==> flow/design.v <==
module gen_shift_unit_rtl #(
   parameter int W = 40,
   parameter int SBITS = $clog2(W)
) (
   input  logic ck,
   input  logic rst,
   input  logic [W-1:0] in,
   input  logic [SBITS-1:0] count,
   output logic [W-1:0] z_o
);
   logic [W-1:0] in_s;
   logic [SBITS-1:0] count_s;
   always_ff @(posedge ck or posedge rst) begin
      if (rst) begin
         in_s <= 0;
         count_s <= 0;
      end else begin
         in_s <= in;
         count_s <= count;
      end
   end
   assign z_o = in_s >> count_s;
endmodule
==> From RTL to reports: gen_shift_unit_rtl <==
The steps from the RTL of gen_shift_unit_rtl to its reports follow in flow order.
Lines are those of the file above, counted from 1.
Cell names lack the library's common part.
{ "setup": {"top": "gen_shift_unit_rtl", "clock": "ck", "library": "sky130hd", "pvt_corner": "tt_025C_1v80"} }

==> Elaborated design <==
Source: Yosys, flattened and elaborated, memories not mapped. Widths are those after wreduce; folded enables and synchronous resets count as part of the registers. Registers that Yosys merges into a memory's read port (data or address) are not register bits. Print and check cells do not count. Equal cells are merged and count once.
{ "op_classes": {"add_sub_neg": 0, "n_mul": 0, "div_mod_pow": 0, "cmp": 0, "eq_ne": 0, "shifts": 1, "mux": 0, "bitwise": 0, "n_reduce_logical": 0} }
{ "ops": {"columns": ["operator", "count"], "rows": [
  [">> shifter 40 x 6 -> 40 bit", 1]
]} }
{ "word_totals": {"regBits": 46, "latchBits": 0, "mem_bits_rw": 0, "mem_bits_ro": 0, "clocked_rd_ports_x_width": 0, "memories": 0, "input_bits": 48, "output_inout_bits": 40, "elab_cells": 3} }

==> Longest topological paths <==
Yosys ltp: most cells in a row. Word level: on the elaborated netlist, between registers, memories and ports. Mapped: between sequential cells and ports; inverters and the memories' decode and read muxes count.
{ "depth": {"depth_word": 1, "ABC_AREA": 0, "mapped_depth": 8} }

==> Mapped cells and area <==
The flow's flattened synthesis, as Yosys stat reports it; memories are mapped. The netlist is that of the ABC_AREA named above (0 if unset); the other value can give another one.
{ "mapped": {"stdcells": 350, "area_um2": 3478.3, "seq_area_um2": 1151.1, "flip_flops": 46, "buffers": 30} }
{ "by_type": {"columns": ["type", "count", "area_total_um2"], "rows": [
  ["dfrtp_1", 46, 1.15E+03],
  ["mux4_1", 12, 315.302],
  ["mux2i_1", 29, 290.278],
  ["mux2_2", 24, 270.259],
  ["nor2_1", 46, 172.666],
  ["mux4_2", 7, 157.651],
  ["o22ai_1", 25, 156.4],
  ["nand2_1", 27, 101.347],
  ["clkbuf_1", 19, 71.318],
  ["a211oi_1", 8, 60.058],
  ["o21ai_0", 12, 60.058],
  ["a21oi_1", 11, 55.053],
  ["o211ai_1", 6, 45.043],
  ["buf_12", 2, 40.038],
  ["and2_1", 6, 37.536],
  ["nand2b_1", 6, 37.536],
  ["nor3_1", 7, 35.034],
  ["o221ai_1", 4, 35.034]
]} }
Other cell types: 26; their cells: 53.

==> Timing after synthesis <==
Source: OpenSTA report_checks on the synthesized netlist (no wires, ideal clock, input and output delay 20% of the period each), path of least setup slack; recovery checks are left aside. Register names are those of the netlist, which keeps one name where synthesis merged equal registers.
{ "synth_timing": {"path_kind": "flip-flop to output port", "start": "reg count_s[0]", "end": "out z_o[0]", "period_ps": 2870, "out_delay_ps": 574, "t_first_pin_ps": 0, "arrival_time_ps": 1836, "required_time_ps": 2296, "path_slack_ps": 460, "delay_ps": 1836, "stages": 8, "n_path_buf": 3, "period_less_setup_slack_ps": 2410} }
"delay_ps" = arrival - input delay + setup time.
A path that ends at an output port has no setup time.
"stages" counts driving pins, that of a launching flip-flop among them; a cell with two outputs on the path counts twice.
"period_less_setup_slack_ps" = period - worst setup slack (recovery checks aside). The figure is calculated, with input and output delays left at 20% of the set period.
The rows between start and end are the longest chain of elaborated cells between them; the timing report does not say that the signal goes this way. Where chains are equally long, one stands for them.
A line is the first line of the expression or statement that the cell stems from. Yosys adds cells for indexed reads and writes and turns some case tables into memories.
{ "synth_between": {"path_cell_list": "dfrtp_1 buf_6 buf_12 buf_12 mux2_4 mux4_2 a32oi_1 o211ai_1", "elab_chain_len": 1, "cone_cells": 1, "cone_lines": 1} }
{ "synth_lines": {"columns": ["element", "line_no", "rtl"], "rows": [
  ["start: declaration", 12, "logic [SBITS-1:0] count_s;"],
  ["start: assignment", 16, "count_s <= 0;"],
  ["start: assignment", 19, "count_s <= count;"],
  [">> shifter 40 x 6 -> 40 bit", 22, "assign z_o = in_s >> count_s;"],
  ["end: declaration", 9, "output logic [W-1:0] z_o"]
]} }

==> Timing after layout <==
From the final timing report of entry A: the path of least setup slack in the routed layout; clock arrival at registers is part of the times.
The path's times are printed in steps of 10 ps; the period is the one set.
{ "layout_timing": {"path_kind": "flip-flop to output port", "start": "reg count_s[0]", "end": "out z_o[0]", "period_ps": 2870, "out_delay_ps": 570, "t_first_pin_ps": 290, "arrival_time_ps": 2430, "required_time_ps": 2300, "path_slack_ps": -130, "stages": 9, "n_path_buf": 4} }
The rows between start and end are the longest chain of elaborated cells between them; the timing report does not say that the signal goes this way. Where chains are equally long, one stands for them.
{ "layout_between": {"path_cell_list": "dfrtp_2 buf_6 clkbuf_16 buf_12 mux2_4 mux4_2 a32oi_2 o211ai_1 buf_2", "elab_chain_len": 1, "cone_cells": 1, "cone_lines": 1} }
{ "layout_lines": {"columns": ["element", "line_no", "rtl"], "rows": [
  ["start: declaration", 12, "logic [SBITS-1:0] count_s;"],
  ["start: assignment", 16, "count_s <= 0;"],
  ["start: assignment", 19, "count_s <= count;"],
  [">> shifter 40 x 6 -> 40 bit", 22, "assign z_o = in_s >> count_s;"],
  ["end: declaration", 9, "output logic [W-1:0] z_o"]
]} }

Subject: flow runs of gen_shift_unit_rtl

Hi,

Settings and measured results of 3 stored flow runs for module gen_shift_unit_rtl (sky130hd), not sorted in any way. The constraints put input and output delay at 20% of the set period each and load the outputs with 0.01 pF.
By "reached clock period" is meant the clock period of the run minus its worst setup slack. This is arithmetic on one report: input and output delays are still those of the set period (20% each).
"time of the worst setup path" = time allowed to the worst setup path (clock period - input delay - output delay, where it has them) - its slack; a late launch clock adds to it, a late capture clock takes from it.
"total power of the final layout" rests on the timing tool's default activity at the inputs, not on a simulated workload.
"time of the worst setup path" is given in steps of 10 ps.

==> entry A: settings <==
{ "period_ns": 2.87, "CAP_MARGIN": 20, "CORE_MARGIN": 2, "CORE_UTILIZATION": 40, "SLEW_MARGIN": 20 }
==> entry A: results <==
final design utilization: 62.8 %
sum of negative setup slack: -703 ps
netlist area reported by Yosys: 3478.3 µm²
time of the worst setup path: 2430 ps
worst setup path kind: flip-flop to output port
reached clock period: 3002 ps
die size: 9457.6 µm²
standard-cell area after routing: 5398.9 µm²
total power of the final layout: 1.956 mW
worst setup slack after layout: -132 ps

==> entry B: settings <==
{ "period_ns": 3.01, "CORE_UTILIZATION": 17, "PLACE_DENSITY_LB_ADDON": 0.19, "CELL_PAD_IN_SITES_DETAIL_PLACEMENT": 1, "TNS_END_PERCENT": 20, "ABC_AREA": 0, "GPL_ROUTABILITY_DRIVEN": 0, "CTS_CLUSTER_SIZE": 67, "CTS_CLUSTER_DIAMETER": 102, "MIN_ROUTING_LAYER": "met1", "MAX_ROUTING_LAYER": "met5", "CAP_MARGIN": 20, "CORE_MARGIN": 2, "SLEW_MARGIN": 20 }
==> entry B: results <==
final design utilization: 25.9 %
sum of negative setup slack: -322 ps
netlist area reported by Yosys: 3478.3 µm²
time of the worst setup path: 2510 ps
worst setup path kind: flip-flop to output port
reached clock period: 3109 ps
die size: 21620.8 µm²
standard-cell area after routing: 5230.0 µm²
total power of the final layout: 1.904 mW
worst setup slack after layout: -99 ps

==> entry C: settings <==
{ "period_ns": 3.56, "CORE_UTILIZATION": 17, "SETUP_SLACK_MARGIN": 0.37, "ABC_AREA": 0, "GPL_ROUTABILITY_DRIVEN": 0, "CAP_MARGIN": 0, "SLEW_MARGIN": 20, "CORE_MARGIN": 2 }
==> entry C: results <==
final design utilization: 25.6 %
sum of negative setup slack: 0 ps
netlist area reported by Yosys: 3478.3 µm²
time of the worst setup path: 2620 ps
worst setup path kind: flip-flop to output port
reached clock period: 3327 ps
die size: 21620.8 µm²
standard-cell area after routing: 5171.2 µm²
total power of the final layout: 1.677 mW
worst setup slack after layout: 233 ps

Regards
